==> flow/design.v <==
module cpu_mul_core_p (clk_i, rst_ni, arg0_in, arg1_in, prod_out);
   parameter NBITS = 8;
   input clk_i;
   input rst_ni;
   input [NBITS-1:0] arg0_in;
   input [NBITS-1:0] arg1_in;
   output reg [2*NBITS-1:0] prod_out;
   reg [NBITS-1:0] arg0_s;
   always @(posedge clk_i) begin
      if (!rst_ni) begin
         arg0_s <= 0;
      end else begin
         arg0_s <= arg0_in;
      end
   end
   reg [NBITS-1:0] arg1_s;
   always @(posedge clk_i) begin
      if (!rst_ni) begin
         arg1_s <= 0;
      end else begin
         arg1_s <= arg1_in;
      end
   end
   localparam H = NBITS / 2;
   wire [NBITS-1:0] ll;
   cpu_mul_core_p_pmul #(.N(H)) el (.a(arg0_s[H-1:0]), .b(arg1_s[H-1:0]), .p(ll));
   wire [NBITS-1:0] lh;
   cpu_mul_core_p_pmul #(.N(H)) inst (.a(arg0_s[H-1:0]), .b(arg1_s[NBITS-1:H]), .p(lh));
   wire [NBITS-1:0] hl;
   cpu_mul_core_p_pmul #(.N(H)) unit (.a(arg0_s[NBITS-1:H]), .b(arg1_s[H-1:0]), .p(hl));
   wire [NBITS-1:0] hh;
   cpu_mul_core_p_pmul #(.N(H)) u (.a(arg0_s[NBITS-1:H]), .b(arg1_s[NBITS-1:H]), .p(hh));
   reg [NBITS-1:0] ll_s;
   always @(posedge clk_i) begin
      if (!rst_ni) begin
         ll_s <= 0;
      end else begin
         ll_s <= ll;
      end
   end
   reg [NBITS-1:0] lh_s;
   always @(posedge clk_i) begin
      if (!rst_ni) begin
         lh_s <= 0;
      end else begin
         lh_s <= lh;
      end
   end
   reg [NBITS-1:0] hl_s;
   always @(posedge clk_i) begin
      if (!rst_ni) begin
         hl_s <= 0;
      end else begin
         hl_s <= hl;
      end
   end
   reg [NBITS-1:0] hh_s;
   always @(posedge clk_i) begin
      if (!rst_ni) begin
         hh_s <= 0;
      end else begin
         hh_s <= hh;
      end
   end
   wire [NBITS:0] part;
   assign part = lh_s + hl_s;
   always @(posedge clk_i) begin
      if (!rst_ni) begin
         prod_out <= 0;
      end else begin
         prod_out <= {hh_s, ll_s} + {part, {H{1'b0}}};
      end
   end
endmodule
module cpu_mul_core_p_pmul #(parameter N = 4) (
   input wire [N-1:0] a,
   input wire [N-1:0] b,
   output wire [2*N-1:0] p
);
   assign p = a * b;
endmodule
; ---- Reports on cpu_mul_core_p
; What the tools print for cpu_mul_core_p, step after step.
; Lines are those of the file above, counted from 1.
; Library cell names are shortened.
; A cell with -- has no value.
[inputs]
top = cpu_mul_core_p
clk_port = clk_i
cell_library = sky130hd
corner = tt_025C_1v80

; ---- After elaboration
; Source: Yosys, flattened and elaborated, memories not mapped. Widths are those after wreduce; folded enables and synchronous resets count as part of the registers. Registers that Yosys merges into a memory's read port (data or address) are not register bits. Print and check cells do not count. Equal cells are merged and count once.
[bits]
regBits = 64
in_bits = 18
out_inout_bits = 16
wordCells = 13
[op_classes]
n_addsub = 2
multipliers = 4
[ops]
columns = op, count
row1 = multiplier 4 x 4 -> 8 bit, 4
row2 = adder 16 x 13 -> 16 bit, 1
row3 = adder 8 x 8 -> 9 bit, 1

; ---- Depth
; Yosys ltp: most cells in a row. Word level: on the elaborated netlist, between registers, memories and ports. Mapped: between sequential cells and ports; inverters and the memories' decode and read muxes count.
[logic_depth]
ltp_word = 2
ABC_AREA = 0
depth_mapped = 14
mapped_depth_nobuf = 14

; ---- Synthesis result
; Yosys stat after the flow's synthesis: flattened, memories mapped to cells. It holds for the ABC_AREA given above (unset counts as 0); a run with the other value may have another netlist.
[synth_totals]
cells = 452
mapped_area_um2 = 4262.8
seqArea_um2 = 1281.2
ff_cells = 64
buffers = 8
[by_type]
columns = type, count, type_area_um2
row1 = dfxtp_1, 64, 1.28E+03
row2 = ha_1, 67, 838.304
row3 = and2_1, 94, 588.064
row4 = fa_1, 18, 360.346
row5 = xnor2_1, 17, 148.893
row6 = inv_1, 35, 131.376
row7 = nand2_1, 26, 97.594
row8 = a21oi_1, 19, 95.091
row9 = a21o_1, 9, 67.565
row10 = nor4b_1, 6, 52.55
row11 = nor2b_1, 8, 50.048
row12 = xor2_1, 5, 43.792
row13 = o21ai_0, 8, 40.038
row14 = nor2_1, 10, 37.536
row15 = and3_1, 5, 31.28
row16 = nand4_1, 5, 31.28
row17 = mux2i_1, 3, 30.029
row18 = nand3_1, 6, 30.029
; Not listed: further types 23, cells in them 47.
; By module: a second synthesis without flattening, with its own total; a netlist apart from the flattened one above.
[hier_totals]
hier_cells = 448
hier_area_um2 = 4372.9
; Each row is one instance without its submodules.
[modules]
columns = mod, instances, cells, mod_area_um2, mod_seq_area_um2
row1 = cpu_mul_core_p, 1, 244, 2516.2, 1281.2
row2 = cpu_mul_core_p_pmul (N=4), 4, 51, 464.2, 0.0

; ---- Path before layout
; Path of least setup slack by OpenSTA after synthesis, without wires, with an ideal clock, recovery checks aside; 20% of the period is set as input and as output delay. Where synthesis merged equal registers, the netlist keeps one of their names.
[synth_timing]
path_type = reg-to-reg
from = register arg1_s[3]
to = register hl_s[7]
clock_period_ns = 3.45
setup_ns = 0.064
t_first_pin_ns = 0.000
arrival_time_ns = 2.699
required_time_ns = 3.386
setup_slack_ns = 0.688
path_delay_ns = 2.763
path_stages = 11
n_path_buf = 0
period_less_setup_slack_ns = 2.762
; "path_delay_ns" is the arrival time less input delay plus setup time.
; "path_stages": output pins that drive a net of the path, with the launching flip-flop's if there is one; two outputs of one cell count as two.
; "period_less_setup_slack_ns" is the clock period less the worst setup slack; recovery checks do not enter. This is arithmetic on one report: input and output delays are still those of the set period (20% each).
; Between the ends stands the longest chain of elaborated cells between them, by number of cells; it is not shown to be the way that was timed. Of several equally long chains one is given.
; A line is the first line of the expression or statement that the cell stems from. Yosys adds cells for indexed reads and writes and turns some case tables into memories.
[synth_via]
cell_sequence = dfxtp_1 -> nand2_1 -> fa_1 -> inv_1 -> fa_1 -> ha_1 -> a21o_1 -> a21oi_2 -> nor2b_1 -> or4_1 -> nand4_1
elab_chain_cells = 1
cells_between = 1
lines_between = 1
cone_classes = mul (1)
[synth_lines]
columns = item, line_no
row1 = "start, declared", 16  ; reg [NBITS-1:0] arg1_s;
row2 = "start, assigned", 19  ; arg1_s <= 0;
row3 = "start, assigned", 21  ; arg1_s <= arg1_in;
row4 = multiplier 4 x 4 -> 8 bit, 80  ; assign p = a * b;
row5 = "end, assigned", 52  ; hl_s <= 0;
row6 = "end, assigned", 54  ; hl_s <= hl;
row7 = "end, declared", 49  ; reg [NBITS-1:0] hl_s;

; ---- Timing after layout
; From the final timing report of flow run A: the path of least setup slack in the routed layout; clock arrival at registers is part of the times.
[layout_timing]
path_type = reg-to-reg
from = register arg0_s[5]
to = register hl_s[7]
clock_period_ns = 3.45
setup_ns = 0.06
t_first_pin_ns = 0.34
arrival_time_ns = 3.25
required_time_ns = 3.74
setup_slack_ns = 0.49
path_stages = 11
n_path_buf = 0
; Between the ends stands the longest chain of elaborated cells between them, by number of cells; it is not shown to be the way that was timed. Of several equally long chains one is given.
[layout_via]
cell_sequence = dfxtp_1 -> nand2_1 -> fa_1 -> inv_1 -> fa_1 -> ha_1 -> a21o_1 -> a21oi_2 -> nor2b_1 -> or4_1 -> nand4_1
elab_chain_cells = 1
cells_between = 1
lines_between = 1
cone_classes = mul (1)
[layout_lines]
columns = item, line_no
row1 = "start, declared", 8  ; reg [NBITS-1:0] arg0_s;
row2 = "start, assigned", 11  ; arg0_s <= 0;
row3 = "start, assigned", 13  ; arg0_s <= arg0_in;
row4 = multiplier 4 x 4 -> 8 bit, 80  ; assign p = a * b;
row5 = "end, assigned", 52  ; hl_s <= 0;
row6 = "end, assigned", 54  ; hl_s <= hl;
row7 = "end, declared", 49  ; reg [NBITS-1:0] hl_s;

; Module cpu_mul_core_p, platform sky130hd: 3 stored runs of the flow (Yosys, OpenROAD) with differing settings, in no particular order. Input and output delays are each 20% of the period that was set; the output load is 0.01 pF.
; By "worst_path_ns" is meant the share of the clock period that the worst setup path is allowed (20% is reserved at inputs, 20% at outputs), minus its slack. Clock arrival times at its registers enter into it.
; By "final_power_mw" is meant OpenSTA's value without simulated activity: inputs other than the clock are taken to toggle once in ten clock periods, and the tool carries that through the logic.

[flow run A: settings]
period_ns = 3.45
CAP_MARGIN = 20
CORE_MARGIN = 2
CORE_UTILIZATION = 40
SLEW_MARGIN = 20
[flow run A: results]
setup_ws_ns = 0.487
final_die_area_um2 = 11499.3
layout_utilization_pct = 48.4
final_power_mw = 1.822
synth_area_um2 = 4262.8
layout_stdcell_area_um2 = 4992.3
ws_hold_ns = 0.436
worst_path_ns = 2.96
timing.worst_path_kind = reg-to-reg

[flow run B: settings]
period_ns = 2.87
CORE_UTILIZATION = 61
PLACE_DENSITY_LB_ADDON = 0.17
CORE_ASPECT_RATIO = 1.44
CELL_PAD_IN_SITES_DETAIL_PLACEMENT = 2
GPL_TIMING_DRIVEN = 1
GPL_ROUTABILITY_DRIVEN = 1
CTS_CLUSTER_DIAMETER = 342
CAP_MARGIN = 20
CORE_MARGIN = 2
SLEW_MARGIN = 20
[flow run B: results]
outcome = incomplete, placement halted on DPL-0033

[flow run C: settings]
period_ns = 2.38
CORE_UTILIZATION = 35
SETUP_SLACK_MARGIN = 0.26
PLACE_DENSITY_LB_ADDON = 0.28
HOLD_SLACK_MARGIN = -0.08
CORE_ASPECT_RATIO = 1.52
CELL_PAD_IN_SITES_DETAIL_PLACEMENT = 0
TNS_END_PERCENT = 10
GPL_ROUTABILITY_DRIVEN = 1
CTS_CLUSTER_SIZE = 59
CTS_CLUSTER_DIAMETER = 29
CAP_MARGIN = 20
CORE_MARGIN = 2
SLEW_MARGIN = 20
[flow run C: results]
setup_ws_ns = -0.340
final_die_area_um2 = 13097.7
layout_utilization_pct = 47.9
final_power_mw = 2.990
synth_area_um2 = 4262.8
layout_stdcell_area_um2 = 5666.7
ws_hold_ns = 0.431
worst_path_ns = 2.72
timing.worst_path_kind = reg-to-reg
